==> flow/design.v <==
module sync_add_unit #(
  parameter DATA_WIDTH = 64
) (
  input logic clk_i,
  input logic rst,
  input logic valid,
  input logic [DATA_WIDTH-1:0] arg0,
  input logic [DATA_WIDTH-1:0] arg1,
  input logic cy_in,
  output logic [DATA_WIDTH-1:0] result,
  output logic carry_out
);
  logic [DATA_WIDTH-1:0] arg0_s;
  logic [DATA_WIDTH-1:0] arg1_s;
  logic cy_in_s;
  logic [DATA_WIDTH-1:0] val;
  logic [DATA_WIDTH:0] carry;
  assign carry[0] = cy_in_s;
  generate
    for (genvar i = 0; i < DATA_WIDTH; i++) begin : g_bit
      assign val[i] = arg0_s[i] ^ arg1_s[i] ^ carry[i];
      assign carry[i+1] = (arg0_s[i] & arg1_s[i]) | (carry[i] & (arg0_s[i] ^ arg1_s[i]));
    end
  endgenerate
  always_ff @(posedge clk_i or posedge rst) begin
    if (rst) begin
      arg0_s <= 0;
      arg1_s <= 0;
      cy_in_s <= 1'b0;
      result <= 0;
      carry_out <= 1'b0;
    end else if (valid) begin
      arg0_s <= arg0;
      arg1_s <= arg1;
      cy_in_s <= cy_in;
      result <= val;
      carry_out <= carry[DATA_WIDTH];
    end
  end
endmodule
Step by step through the tools: sync_add_unit
The steps from the RTL of sync_add_unit to its reports follow in flow order.
Line numbers count from 1 in the design file above.
Operators carry their Yosys type and port widths (W data, S select, Z words).
Library cell names are shortened.
{ "inputs": {"top": "sync_add_unit", "clock_port": "clk_i", "library": "sky130hd", "pvt_corner": "tt_025C_1v80"} }

Elaborated design
Yosys after proc, flatten, opt, wreduce and memory -nomap, before mapping. Enables and synchronous resets that opt folds into registers are not counted as muxes. Memory bits, and registers merged into a memory's read port (data or address), are not among the register bits. Print and check cells are not counted. Equal cells are merged and count once.
{ "bits": {"output_inout_bits": 65, "ff_bits": 194, "inputBits": 132, "word_cells": 325} }
{ "classes": {"bitwise": 320} }
{ "op_table": {"columns": ["op", "n"], "rows": [
  ["$and A1 B1 Y1", 128],
  ["$xor A1 B1 Y1", 128],
  ["$or A1 B1 Y1", 64]
]} }

Logic depth
Longest topological path by Yosys (ltp), each cell counted once; first at word level (registers and memories cut), then after technology mapping (sequential cells cut; the memories' decode and read muxes count).
{ "logic_depth": {"word_depth": 129, "abc_area": 0, "ltp_mapped": 68, "depth_no_buf": 68} }

Netlist
Source: synth_stat.txt of the flow (Yosys; design flattened, memories mapped). It holds for the ABC_AREA given above (unset counts as 0); a run with the other value may have another netlist.
{ "types": {"columns": ["type", "n", "area_total_um2"], "rows": [
  ["dfrtp_1", 194, 4.85E+03],
  ["mux2_4", 98, 1.47E+03],
  ["fa_1", 64, 1.28E+03],
  ["mux2_2", 89, 1E+03],
  ["buf_6", 12, 135.13],
  ["buf_2", 9, 45.043],
  ["inv_1", 10, 37.536],
  ["mux2i_1", 2, 20.019],
  ["o21ai_0", 4, 20.019],
  ["nand2_1", 4, 15.014],
  ["buf_4", 1, 7.507],
  ["a21oi_1", 1, 5.005],
  ["nor2_1", 1, 3.754]
]} }
{ "mapped": {"buf_cells": 22, "synth_area_mm2": 0.0088985, "flip_flops": 194, "mapped_cells": 489, "seqArea_mm2": 0.0048547} }

Worst setup path after synthesis
Source: OpenSTA report_checks on the synthesized netlist (no wires, ideal clock, input and output delay 20% of the period each), path of least setup slack; recovery checks are left aside. Register names are those of the netlist, which keeps one name where synthesis merged equal registers.
{ "synth_path": {"path_kind": "reg2reg", "startpoint": "reg arg0_s[0]", "endpoint": "reg result[63]", "path_buffers": 0, "clock_period_ns": 31.0, "t_first_pin_ns": 0.000, "t_arrival_ns": 24.739, "delay_ns": 24.818, "slack_ns": 6.182, "path_stages": 69, "t_required_ns": 30.921, "setup_time_ns": 0.079, "period_less_setup_slack_ns": 24.818} }
"delay_ns" = arrival - input delay + setup time.
"path_stages" counts driving pins, that of a launching flip-flop among them; a cell with two outputs on the path counts twice.
"period_less_setup_slack_ns" = period - worst setup slack (recovery checks aside). The figure is calculated, with input and output delays left at 20% of the set period.
Between the ends stands the longest chain of elaborated cells between them, by number of cells; it is not shown to be the way that was timed. Of several equally long chains one is given.
A line is the first line of the expression or statement that the cell stems from. Yosys adds cells for indexed reads and writes and turns some case tables into memories.
{ "synth_between": {"cell_sequence": "dfrtp_1 -> fa_1 -> fa_1 -> fa_1 -> fa_1 -> fa_1 -> fa_1 -> fa_1 -> fa_1 -> fa_1 -> fa_1 -> fa_1 -> fa_1 -> fa_1 -> fa_1 -> fa_1 -> fa_1 -> fa_1 -> [... 33 more ...] -> fa_1 -> fa_1 -> fa_1 -> fa_1 -> fa_1 -> fa_1 -> fa_1 -> fa_1 -> fa_1 -> fa_1 -> fa_1 -> inv_1 -> fa_1 -> inv_1 -> fa_1 -> inv_1 -> fa_1 -> mux2i_1", "elab_chain_len": 128, "cone_cells": 129, "cone_classes": "logic: 129"} }
{ "synth_lines": {"columns": ["element", "line_no", "text"], "rows": [
  ["from (decl)", 13, "logic [DATA_WIDTH-1:0] arg0_s;"],
  ["from (assign)", 27, "arg0_s <= 0;"],
  ["from (assign)", 33, "arg0_s <= arg0;"],
  ["$xor A1 B1 Y1", 22, "assign carry[i+1] = (arg0_s[i] & arg1_s[i]) | (carry[i] & (arg0_s[i] ^ arg1_s[i]));"],
  ["$and A1 B1 Y1", 22, null],
  ["$or A1 B1 Y1", 22, null],
  ["$and A1 B1 Y1", 22, null],
  ["$or A1 B1 Y1", 22, null],
  ["$and A1 B1 Y1", 22, null],
  ["$or A1 B1 Y1", 22, null],
  ["[... 114 more ...]", null, null],
  ["$and A1 B1 Y1", 22, null],
  ["$or A1 B1 Y1", 22, null],
  ["$and A1 B1 Y1", 22, null],
  ["$or A1 B1 Y1", 22, null],
  ["$and A1 B1 Y1", 22, null],
  ["$or A1 B1 Y1", 22, null],
  ["$xor A1 B1 Y1", 21, "assign val[i] = arg0_s[i] ^ arg1_s[i] ^ carry[i];"],
  ["to (assign)", 30, "result <= 0;"],
  ["to (assign)", 36, "result <= val;"],
  ["to (decl)", 10, "output logic [DATA_WIDTH-1:0] result,"]
]} }

Path in the finished layout
From the final timing report of stored run 1: the path of least setup slack in the routed layout; clock arrival at registers is part of the times.
{ "layout_path": {"path_kind": "reg2reg", "startpoint": "reg arg0_s[0]", "endpoint": "reg result[63]", "t_required_ns": 34.35, "path_buffers": 0, "t_arrival_ns": 26.41, "t_first_pin_ns": 0.43, "setup_time_ns": 0.08, "path_stages": 69, "slack_ns": 7.94, "clock_period_ns": 34.0} }
Between the ends stands the longest chain of elaborated cells between them, by number of cells; it is not shown to be the way that was timed. Of several equally long chains one is given.
{ "layout_between": {"cell_sequence": "dfrtp_1 -> fa_1 -> fa_1 -> fa_1 -> fa_1 -> fa_1 -> fa_1 -> fa_1 -> fa_1 -> fa_1 -> fa_1 -> fa_1 -> fa_1 -> fa_1 -> fa_1 -> fa_1 -> fa_1 -> fa_1 -> [... 33 more ...] -> fa_1 -> fa_1 -> fa_1 -> fa_1 -> fa_1 -> fa_1 -> fa_1 -> fa_1 -> fa_1 -> fa_1 -> fa_1 -> inv_1 -> fa_1 -> inv_1 -> fa_1 -> inv_1 -> fa_1 -> mux2i_1", "elab_chain_len": 128, "cone_cells": 129, "cone_classes": "logic: 129"} }
{ "layout_lines": {"columns": ["element", "line_no", "text"], "rows": [
  ["from (decl)", 13, "logic [DATA_WIDTH-1:0] arg0_s;"],
  ["from (assign)", 27, "arg0_s <= 0;"],
  ["from (assign)", 33, "arg0_s <= arg0;"],
  ["$xor A1 B1 Y1", 22, "assign carry[i+1] = (arg0_s[i] & arg1_s[i]) | (carry[i] & (arg0_s[i] ^ arg1_s[i]));"],
  ["$and A1 B1 Y1", 22, null],
  ["$or A1 B1 Y1", 22, null],
  ["$and A1 B1 Y1", 22, null],
  ["$or A1 B1 Y1", 22, null],
  ["$and A1 B1 Y1", 22, null],
  ["$or A1 B1 Y1", 22, null],
  ["[... 114 more ...]", null, null],
  ["$and A1 B1 Y1", 22, null],
  ["$or A1 B1 Y1", 22, null],
  ["$and A1 B1 Y1", 22, null],
  ["$or A1 B1 Y1", 22, null],
  ["$and A1 B1 Y1", 22, null],
  ["$or A1 B1 Y1", 22, null],
  ["$xor A1 B1 Y1", 21, "assign val[i] = arg0_s[i] ^ arg1_s[i] ^ carry[i];"],
  ["to (assign)", 30, "result <= 0;"],
  ["to (assign)", 36, "result <= val;"],
  ["to (decl)", 10, "output logic [DATA_WIDTH-1:0] result,"]
]} }

FLOW RESULTS
============

Record of 3 stored runs of the RTL-to-layout flow on sync_add_unit, platform sky130hd. The runs are unordered. Constraints: input delay and output delay 20% of the set period each, output load 0.01 pF.
By "clock_period_reached_ns" is meant the clock period of the run minus its worst setup slack. This is arithmetic on one report: input and output delays are still those of the set period (20% each).
By "worst_path_ns" is meant the share of the clock period that the worst setup path is allowed (20% is reserved at inputs, 20% at outputs), minus its slack. Clock arrival times at its registers enter into it.
"power.total_mw" is the tool's figure for a default switching activity; nothing was simulated.
[
  {
    "run": "stored run 1",
    "settings": { "period_ns": 34.0, "CORE_UTILIZATION": 43, "SETUP_SLACK_MARGIN": 3.28, "PLACE_DENSITY_LB_ADDON": 0.08, "CELL_PAD_IN_SITES_GLOBAL_PLACEMENT": 0, "CELL_PAD_IN_SITES_DETAIL_PLACEMENT": 1, "TNS_END_PERCENT": 35, "GPL_TIMING_DRIVEN": 1, "CTS_CLUSTER_SIZE": 26, "CAP_MARGIN": 0, "SLEW_MARGIN": 15, "CORE_MARGIN": 2 },
    "results": { "stdcell_area_mm2": 0.0116074, "finalUtil_frac": 0.572, "timing.setup.tns_ns": 0.000, "yosys_chip_area_mm2": 0.0088985, "design_die_area_mm2": 0.0218611, "hold_worst_slack_ns": 0.508, "timing.setup.ws_ns": 7.942, "power.total_mw": 0.7170, "clock_period_reached_ns": 26.058, "worst_path_ns": 26.06, "critical_path_kind": "reg2reg" }
  },
  {
    "run": "stored run 2",
    "settings": { "period_ns": 31.0, "CAP_MARGIN": 20, "CORE_MARGIN": 2, "CORE_UTILIZATION": 40, "SLEW_MARGIN": 20 },
    "results": { "stdcell_area_mm2": 0.0116649, "finalUtil_frac": 0.535, "timing.setup.tns_ns": 0.000, "yosys_chip_area_mm2": 0.0088985, "design_die_area_mm2": 0.0234549, "hold_worst_slack_ns": 0.508, "timing.setup.ws_ns": 4.942, "power.total_mw": 0.7885, "clock_period_reached_ns": 26.058, "worst_path_ns": 26.06, "critical_path_kind": "reg2reg" }
  },
  {
    "run": "stored run 3",
    "settings": { "period_ns": 25.5, "CORE_UTILIZATION": 60, "SETUP_SLACK_MARGIN": 2.28, "PLACE_DENSITY_LB_ADDON": 0.15, "CORE_MARGIN": 5, "CELL_PAD_IN_SITES_GLOBAL_PLACEMENT": 2, "CELL_PAD_IN_SITES_DETAIL_PLACEMENT": 1, "ABC_AREA": 0, "GPL_TIMING_DRIVEN": 0, "GPL_ROUTABILITY_DRIVEN": 0, "CTS_CLUSTER_DIAMETER": 235, "CAP_MARGIN": 15, "MAX_ROUTING_LAYER": "met4", "SLEW_MARGIN": 20 },
    "outcome": "no final report: placement broke off with FLW-0024"
  }
]
